==> flow/design.v <==
module times_top #(
    parameter WIDTH = 3
) (
    input  wire clk_i,
    input  wire [WIDTH-1:0] dataa,
    input  wire [WIDTH-1:0] datab,
    output wire [2*WIDTH-1:0] result
);
    reg [WIDTH-1:0] dataa_ff;
    always @(posedge clk_i)
        dataa_ff <= dataa;
    reg [WIDTH-1:0] datab_ff;
    always @(posedge clk_i)
        datab_ff <= datab;
    reg [2*WIDTH-1:0] result_ff;
    always @(posedge clk_i)
        result_ff <= dataa_ff * datab_ff;
    assign result = result_ff;
endmodule
==> Reports on times_top <==
What the tools print for times_top, step after step.
Lines are those of the file above, counted from 1.
Operators: Yosys type, input widths -> output width; for muxes data width and select width s.
Library cell names are shortened.
{ "inputs": {"top_module": "times_top", "clock_port": "clk_i", "library": "sky130hd", "lib_corner": "tt_025C_1v80"} }

==> Word-level counts <==
Counts by Yosys on the flattened word-level netlist (proc, flatten, opt, wreduce; memories kept). Register bits leave out memories and registers merged into their read ports (data or address); mux counts leave out enables and synchronous resets folded into registers. Print and check cells are left out. Cells with the same type and inputs are merged into one.
{ "op_classes": {"mul": 1} }
{ "op_table": {"columns": ["operator", "n"], "rows": [
  ["$mul 3x3->6", 1]
]} }
{ "bits": {"register_bits": 12, "out_inout_bits": 6, "inputBits": 7, "word_cells": 4} }

==> Longest topological paths <==
Longest topological path by Yosys (ltp), each cell counted once; first at word level (registers and memories cut), then after technology mapping (sequential cells cut; the memories' decode and read muxes count).
{ "depth": {"word_depth": 1, "abc_area": 0, "mapped_depth": 6, "mapped_depth_nobuf": 6} }

==> Synthesis result <==
The flow's flattened synthesis, as Yosys stat reports it; memories are mapped. The netlist is that of the ABC_AREA named above (0 if unset); the other value can give another one.
Totals and module areas in this step are rounded.
{ "by_type": {"columns": ["cell", "n", "type_area_um2"], "rows": [
  ["dfxtp_1", 12, 240.23],
  ["ha_1", 5, 62.56],
  ["and2_1", 9, 56.304],
  ["fa_1", 2, 40.038],
  ["inv_1", 4, 15.014],
  ["xnor2_1", 1, 8.758],
  ["a21oi_1", 1, 5.005],
  ["nand3_1", 1, 5.005],
  ["nand2_1", 1, 3.754]
]} }
{ "synth_totals": {"cell_count": 36, "yosys_area_um2": 437, "seq_area_um2": 240, "buffers": 0, "ffs": 12} }

==> Timing after synthesis <==
OpenSTA on the mapped netlist: ideal clock, no wires. The path of least setup slack (recovery checks aside). Input and output delay are each 20% of the period. Register names are those of the netlist, which keeps one name where synthesis merged equal registers.
{ "synth_path": {"path_type": "reg2reg", "from": "register dataa_ff[0]", "to": "register result_ff[4]", "setup_time_ps": 118, "n_path_buf": 0, "launch_ps": 0, "clock_period_ps": 2270, "delay_ps": 1817, "slack_ps": 452, "arrival_ps": 1699, "path_stages": 7, "required_time_ps": 2152, "synth_period_reached_ps": 1818} }
"delay_ps" = arrival - input delay + setup time.
"path_stages": output pins that drive a net of the path, with the launching flip-flop's if there is one; two outputs of one cell count as two.
"synth_period_reached_ps" = period - worst setup slack (recovery checks aside). The figure is calculated, with input and output delays left at 20% of the set period.
The rows between start and end are the longest chain of elaborated cells between them; the timing report does not say that the signal goes this way. Where chains are equally long, one stands for them.
Each line given opens the expression or statement behind the cell; cells for indexed reads and writes are added by Yosys, which also makes memories of some case tables.
{ "synth_via": {"path_cell_list": "dfxtp_1 and2_1 fa_1 ha_1 inv_1 fa_1 xnor2_1", "elab_chain_cells": 1, "cone_cells": 1, "cone_lines": 1, "classes_between": "mul: 1"} }
{ "synth_rtl": {"columns": ["element", "line_no", "text"], "rows": [
  ["start: declaration", 9, "reg [WIDTH-1:0] dataa_ff;"],
  ["start: assignment", 11, "dataa_ff <= dataa;"],
  ["$mul 3x3->6", 17, "result_ff <= dataa_ff * datab_ff;"],
  ["end: assignment", 17, null],
  ["end: declaration", 15, "reg [2*WIDTH-1:0] result_ff;"]
]} }

==> Path in the finished layout <==
Path of least setup slack in the final report of flow run 2 (OpenROAD, finished layout, wires in). Where an end is a register, its clock arrival counts in the times.
The path's times are printed in steps of 10 ps; the period is the one set.
{ "layout_path": {"path_type": "reg2reg", "from": "register dataa_ff[0]", "to": "register result_ff[3]", "required_time_ps": 2440, "setup_time_ps": 100, "slack_ps": 370, "clock_period_ps": 2270, "launch_ps": 260, "path_stages": 7, "n_path_buf": 0, "arrival_ps": 2060} }
The rows between start and end are the longest chain of elaborated cells between them; the timing report does not say that the signal goes this way. Where chains are equally long, one stands for them.
{ "layout_via": {"path_cell_list": "dfxtp_1 and2_1 fa_1 ha_1 inv_1 fa_1 inv_1", "elab_chain_cells": 1, "cone_cells": 1, "cone_lines": 1, "classes_between": "mul: 1"} }
{ "layout_rtl": {"columns": ["element", "line_no", "text"], "rows": [
  ["start: declaration", 9, "reg [WIDTH-1:0] dataa_ff;"],
  ["start: assignment", 11, "dataa_ff <= dataa;"],
  ["$mul 3x3->6", 17, "result_ff <= dataa_ff * datab_ff;"],
  ["end: assignment", 17, null],
  ["end: declaration", 15, "reg [2*WIDTH-1:0] result_ff;"]
]} }

Settings and measured results of 3 stored flow runs for module times_top (sky130hd), not sorted in any way. The constraints put input and output delay at 20% of the set period each and load the outputs with 0.01 pF.
By "achieved period" is meant the clock period of the run minus its worst setup slack. This is arithmetic on one report: input and output delays are still those of the set period (20% each).
"worst path time" = time allowed to the worst setup path (clock period - input delay - output delay, where it has them) - its slack; a late launch clock adds to it, a late capture clock takes from it.
"overall power" rests on the timing tool's default activity at the inputs, not on a simulated workload.
"worst path time" is known to 10 ps.
Measured values are rounded.

==> flow run 1: settings <==
{ "period_ns": 1.67, "CORE_UTILIZATION": 70, "PLACE_DENSITY_LB_ADDON": 0.29, "CORE_ASPECT_RATIO": 0.8, "TNS_END_PERCENT": 5, "GPL_TIMING_DRIVEN": 1, "MIN_ROUTING_LAYER": "met1", "CAP_MARGIN": 20, "CORE_MARGIN": 2, "SLEW_MARGIN": 20 }
==> flow run 1: results <==
not finished: floorplanning ended with error PDN-0185

==> flow run 2: settings <==
{ "period_ns": 2.27, "CAP_MARGIN": 20, "CORE_MARGIN": 2, "CORE_UTILIZATION": 40, "SLEW_MARGIN": 20 }
==> flow run 2: results <==
area of the synthesized netlist: 437 µm²
die size: 1370 µm²
standard-cell area after routing: 609 µm²
utilization in the final report: 62.4%
setup slack of the worst path: 370 ps
overall power: 0.461 mW
achieved period: 1900 ps
worst path time: 1900 ps
type of the worst setup path: reg2reg

==> flow run 3: settings <==
{ "period_ns": 2.4, "CORE_UTILIZATION": 37, "SETUP_SLACK_MARGIN": 0.68, "PLACE_DENSITY_LB_ADDON": 0.25, "CORE_MARGIN": 8, "GPL_TIMING_DRIVEN": 0, "CAP_MARGIN": 0, "SLEW_MARGIN": 30, "MIN_ROUTING_LAYER": "met1" }
==> flow run 3: results <==
area of the synthesized netlist: 437 µm²
die size: 2540 µm²
standard-cell area after routing: 639 µm²
utilization in the final report: 57.5%
setup slack of the worst path: 562 ps
overall power: 0.449 mW
achieved period: 1838 ps
worst path time: 1840 ps
type of the worst setup path: reg2reg
